==> flow/design.v <==
module dp_adder_blk #(
  parameter XLEN = 60,
  parameter CHUNK = 3
) (
  input wire clk,
  input wire [XLEN-1:0] u,
  input wire [XLEN-1:0] v,
  input wire cin,
  output reg [XLEN-1:0] s,
  output reg carry_out
);
  localparam GROUPS = XLEN / CHUNK;
  wire [XLEN-1:0] r;
  wire [GROUPS:0] carry;
  assign carry[0] = cin;
  genvar i;
  generate
    for (i = 0; i < GROUPS; i = i + 1) begin : blk
      wire [CHUNK:0] s0 = u[i*CHUNK +: CHUNK] + v[i*CHUNK +: CHUNK];
      wire [CHUNK:0] s1 = u[i*CHUNK +: CHUNK] + v[i*CHUNK +: CHUNK] + 1'b1;
      assign {carry[i+1], r[i*CHUNK +: CHUNK]} = carry[i] ? s1 : s0;
    end
  endgenerate
  always @(posedge clk) begin
    s <= r;
    carry_out <= carry[GROUPS];
  end
endmodule
* From RTL to reports: dp_adder_blk
The steps from the RTL of dp_adder_blk to its reports follow in flow order.
Line numbers count from 1 in the design file above.
A cell with - has no value.
- Design top :: dp_adder_blk
- Clock :: clk
- Standard-cell library :: sky130hd
- Corner :: tt_025C_1v80

* Word-level counts
Yosys after proc, flatten, opt, wreduce and memory -nomap, before mapping. Enables and synchronous resets that opt folds into registers are not counted as muxes. Memory bits, and registers merged into a memory's read port (data or address), are not among the register bits. Print and check cells are not counted. Equal cells are merged and count once.
- Input port bits :: 122
- Elaborated cells :: 62
- ROM bits :: 0
- Clocked read ports x word width :: 0
- RAM bits :: 0
- Memory cells :: 0
- Output and inout bits :: 61
- Bits in registers :: 61
- Bits in latches :: 0
- $mul :: 0
- Shift-type cells :: 0
- Equal/unequal tests :: 0
- Divide/modulo/power cells :: 0
- Magnitude comparators :: 0
- Mux-type cells :: 20
- Bitwise operators :: 0
- $add $sub $neg :: 40
- Reduce/logical cells :: 0
** Operator list (count)
- 3-bit by 3-bit adder with 4-bit output :: 20
- 4-bit by 1-bit adder with 4-bit output with constant B :: 20
- 4-bit two-way mux :: 20

* Longest topological paths
Yosys ltp: most cells in a row. Word level: on the elaborated netlist, between registers, memories and ports. Mapped: between sequential cells and ports; inverters and the memories' decode and read muxes count.
- Depth in word-level cells :: 22
- ABC_AREA :: 0
- Depth in mapped cells :: 25
- Gate-level depth less buffers :: 25

* After synthesis
Source: synth_stat.txt of the flow (Yosys; design flattened, memories mapped). It holds for the ABC_AREA given above (unset counts as 0); a run with the other value may have another netlist.
The area totals of this step are shown rounded.
** Cell types
- sky130_fd_sc_hd__dfxtp_1 :: count 61, area in all 1.22E+03 um^2
- sky130_fd_sc_hd__ha_1 :: count 80, area in all 1000.96 um^2
- sky130_fd_sc_hd__fa_1 :: count 20, area in all 400.384 um^2
- sky130_fd_sc_hd__xor2_1 :: count 37, area in all 324.061 um^2
- sky130_fd_sc_hd__xnor2_1 :: count 34, area in all 297.786 um^2
- sky130_fd_sc_hd__a21o_1 :: count 25, area in all 187.68 um^2
- sky130_fd_sc_hd__mux2_2 :: count 16, area in all 180.173 um^2
- sky130_fd_sc_hd__nand2_1 :: count 39, area in all 146.39 um^2
- sky130_fd_sc_hd__nand3_1 :: count 28, area in all 140.134 um^2
- sky130_fd_sc_hd__and3_1 :: count 13, area in all 81.328 um^2
- sky130_fd_sc_hd__a21oi_1 :: count 15, area in all 75.072 um^2
- sky130_fd_sc_hd__inv_1 :: count 14, area in all 52.55 um^2
- sky130_fd_sc_hd__nor2_1 :: count 14, area in all 52.55 um^2
- sky130_fd_sc_hd__mux2i_1 :: count 5, area in all 50.048 um^2
- sky130_fd_sc_hd__nand4_1 :: count 8, area in all 50.048 um^2
- sky130_fd_sc_hd__nor4_1 :: count 8, area in all 50.048 um^2
- sky130_fd_sc_hd__a31oi_1 :: count 7, area in all 43.792 um^2
- sky130_fd_sc_hd__nor4_2 :: count 3, area in all 37.536 um^2
Other cell types: 29; their cells: 44.
- Mapped flip-flops :: 61
- Cell area after synthesis :: 4778 um^2
- Cells in the netlist :: 471
- Sequential area :: 1221 um^2
- Buffer cells :: 2

* Worst setup path after synthesis
Source: OpenSTA report_checks on the synthesized netlist (no wires, ideal clock, input and output delay 20% of the period each), path of least setup slack; recovery checks are left aside. Register names are those of the netlist, which keeps one name where synthesis merged equal registers.
- Path kind :: in2reg
- Start point :: in u[0]
- End point :: reg s[58]
- Arrival :: 8.270 ns
- Path delay :: 6.395 ns
- Setup time :: 0.123 ns
- Buffers on the path :: 0
- Time at the first pin :: 1.998 ns
- External input delay :: 1.998 ns
- Period :: 9.99 ns
- Driving pins on the path :: 24
- Path slack :: 1.597 ns
- Required time :: 9.867 ns
- Period reached after synthesis :: 8.393 ns
"path delay" = arrival - input delay + setup time.
"driving pins on the path" counts driving pins, that of a launching flip-flop among them; a cell with two outputs on the path counts twice.
"period reached after synthesis" is the clock period less the worst setup slack; recovery checks do not enter. This is arithmetic on one report: input and output delays are still those of the set period (20% each).
The rows between start and end are the longest chain of elaborated cells between them; the timing report does not say that the signal goes this way. Where chains are equally long, one stands for them.
A line is the first line of the expression or statement that the cell stems from. Yosys adds cells for indexed reads and writes and turns some case tables into memories.
- Cells stage by stage :: sky130_fd_sc_hd__ha_1 sky130_fd_sc_hd__fa_1 sky130_fd_sc_hd__xnor2_1 sky130_fd_sc_hd__nor2_2 sky130_fd_sc_hd__xnor2_2 sky130_fd_sc_hd__or4_1 sky130_fd_sc_hd__o211ai_2 sky130_fd_sc_hd__nor3_1 sky130_fd_sc_hd__or4_4 sky130_fd_sc_hd__and4_4 sky130_fd_sc_hd__o31a_1 sky130_fd_sc_hd__nor4_2 sky130_fd_sc_hd__nor4_1 sky130_fd_sc_hd__nor4_1 sky130_fd_sc_hd__nand3_2 sky130_fd_sc_hd__mux2i_1 sky130_fd_sc_hd__nor4b_4 sky130_fd_sc_hd__mux2_2 sky130_fd_sc_hd__nor4_4 sky130_fd_sc_hd__a31oi_1 sky130_fd_sc_hd__o31a_1 sky130_fd_sc_hd__nor3_4 sky130_fd_sc_hd__xnor2_1 sky130_fd_sc_hd__mux2_1
- Length of the longest elaborated chain :: 22
- Elaborated cells between the ends (all ways) :: 22
- Classes of those cells :: add/sub (2); mux (20)
** Ends and longest elaborated chain, after synthesis
- from (decl) :: line 6 : input wire [XLEN-1:0] u,
- 3-bit by 3-bit adder with 4-bit output :: line 20 : wire [CHUNK:0] s1 = u[i*CHUNK +: CHUNK] + v[i*CHUNK +: CHUNK] + 1'b1;
- 4-bit by 1-bit adder with 4-bit output :: line 20
- 4-bit two-way mux (20 in a row) :: line 21 : assign {carry[i+1], r[i*CHUNK +: CHUNK]} = carry[i] ? s1 : s0;
- to (assign) :: line 25 : s <= r;
- to (decl) :: line 9 : output reg [XLEN-1:0] s,

* Worst path after layout
From the final timing report of flow run 1: the path of least setup slack in the routed layout; clock arrival at registers is part of the times.
- Path kind :: in2reg
- Start point :: in u[0]
- End point :: reg s[58]
- Arrival :: 9.29 ns
- External input delay :: 2.00 ns
- Path slack :: 0.92 ns
- Setup time :: 0.11 ns
- Required time :: 10.21 ns
- Buffers on the path :: 1
- Time at the first pin :: 2.00 ns
- Period :: 9.99 ns
- Driving pins on the path :: 25
The rows between start and end are the longest chain of elaborated cells between them; the timing report does not say that the signal goes this way. Where chains are equally long, one stands for them.
- Cells stage by stage :: sky130_fd_sc_hd__clkdlybuf4s50_1 sky130_fd_sc_hd__ha_1 sky130_fd_sc_hd__fa_1 sky130_fd_sc_hd__xnor2_1 sky130_fd_sc_hd__nor2_2 sky130_fd_sc_hd__xnor2_2 sky130_fd_sc_hd__a2111oi_0 sky130_fd_sc_hd__a31o_2 sky130_fd_sc_hd__nor3_1 sky130_fd_sc_hd__or4_4 sky130_fd_sc_hd__and4_4 sky130_fd_sc_hd__o31a_1 sky130_fd_sc_hd__nor4_2 sky130_fd_sc_hd__nor4_1 sky130_fd_sc_hd__nor4_1 sky130_fd_sc_hd__nand3_2 sky130_fd_sc_hd__mux2i_1 sky130_fd_sc_hd__nor4b_4 sky130_fd_sc_hd__mux2_2 sky130_fd_sc_hd__nor4_4 sky130_fd_sc_hd__a31oi_1 sky130_fd_sc_hd__o31a_1 sky130_fd_sc_hd__nor3_4 sky130_fd_sc_hd__xnor2_1 sky130_fd_sc_hd__mux2_1
- Length of the longest elaborated chain :: 22
- Elaborated cells between the ends (all ways) :: 22
- Classes of those cells :: add/sub (2); mux (20)
** Ends and longest elaborated chain, post-layout
- from (decl) :: line 6 : input wire [XLEN-1:0] u,
- 3-bit by 3-bit adder with 4-bit output :: line 20 : wire [CHUNK:0] s1 = u[i*CHUNK +: CHUNK] + v[i*CHUNK +: CHUNK] + 1'b1;
- 4-bit by 1-bit adder with 4-bit output :: line 20
- 4-bit two-way mux (20 in a row) :: line 21 : assign {carry[i+1], r[i*CHUNK +: CHUNK]} = carry[i] ? s1 : s0;
- to (assign) :: line 25 : s <= r;
- to (decl) :: line 9 : output reg [XLEN-1:0] s,

# Flow runs of dp_adder_blk

dp_adder_blk through Yosys and OpenROAD on sky130hd: 3 stored runs, unordered, with their settings and measured results. The constraints put input and output delay at 20% of the set period each and load the outputs with 0.01 pF.
"clock period reached" = clock period - worst setup slack. The figure is calculated, with input and output delays left at 20% of the set period.
By "time on the worst setup path" is meant the share of the clock period that the worst setup path is allowed (20% is reserved at inputs, 20% at outputs), minus its slack. Clock arrival times at its registers enter into it.
"total power after layout" rests on the timing tool's default activity at the inputs, not on a simulated workload.
The measured numbers are rounded.

** Flow run 1
- Settings :: period_ns=9.99; CAP_MARGIN=20; CORE_MARGIN=2; CORE_UTILIZATION=40; SLEW_MARGIN=20
- Synthesized cell area :: 4778 um^2
- Overall die area :: 12840 um^2
- Standard-cell area after layout :: 7066 um^2
- Utilization after layout :: 61.4 %
- Smallest setup slack :: 0.918 ns
- Setup total negative slack :: 0.000 ns
- Final worst hold slack :: 2.324 ns
- Total power after layout :: 1.111 mW
- Clock period reached :: 9.072 ns
- Time on the worst setup path :: 7.07 ns
- Worst setup path kind :: in2reg

** Flow run 2
- Settings :: period_ns=6.05; CORE_UTILIZATION=62; PLACE_DENSITY_LB_ADDON=0.08; CORE_ASPECT_RATIO=1.19; CELL_PAD_IN_SITES_GLOBAL_PLACEMENT=2; TNS_END_PERCENT=30; GPL_TIMING_DRIVEN=1; GPL_ROUTABILITY_DRIVEN=0; CAP_MARGIN=20; CORE_MARGIN=2; SLEW_MARGIN=20
- Outcome :: incomplete, placement halted on FLW-0024

** Flow run 3
- Settings :: period_ns=7.37; CORE_UTILIZATION=40; SETUP_SLACK_MARGIN=1.72; PLACE_DENSITY=0.51; HOLD_SLACK_MARGIN=0.03; CELL_PAD_IN_SITES_DETAIL_PLACEMENT=2; TNS_END_PERCENT=95; ABC_AREA=1; GPL_ROUTABILITY_DRIVEN=1; SLEW_MARGIN=40; MIN_ROUTING_LAYER=met2; MAX_ROUTING_LAYER=met4; CAP_MARGIN=20; CORE_MARGIN=2
- Outcome :: incomplete, placement halted on DPL-0033
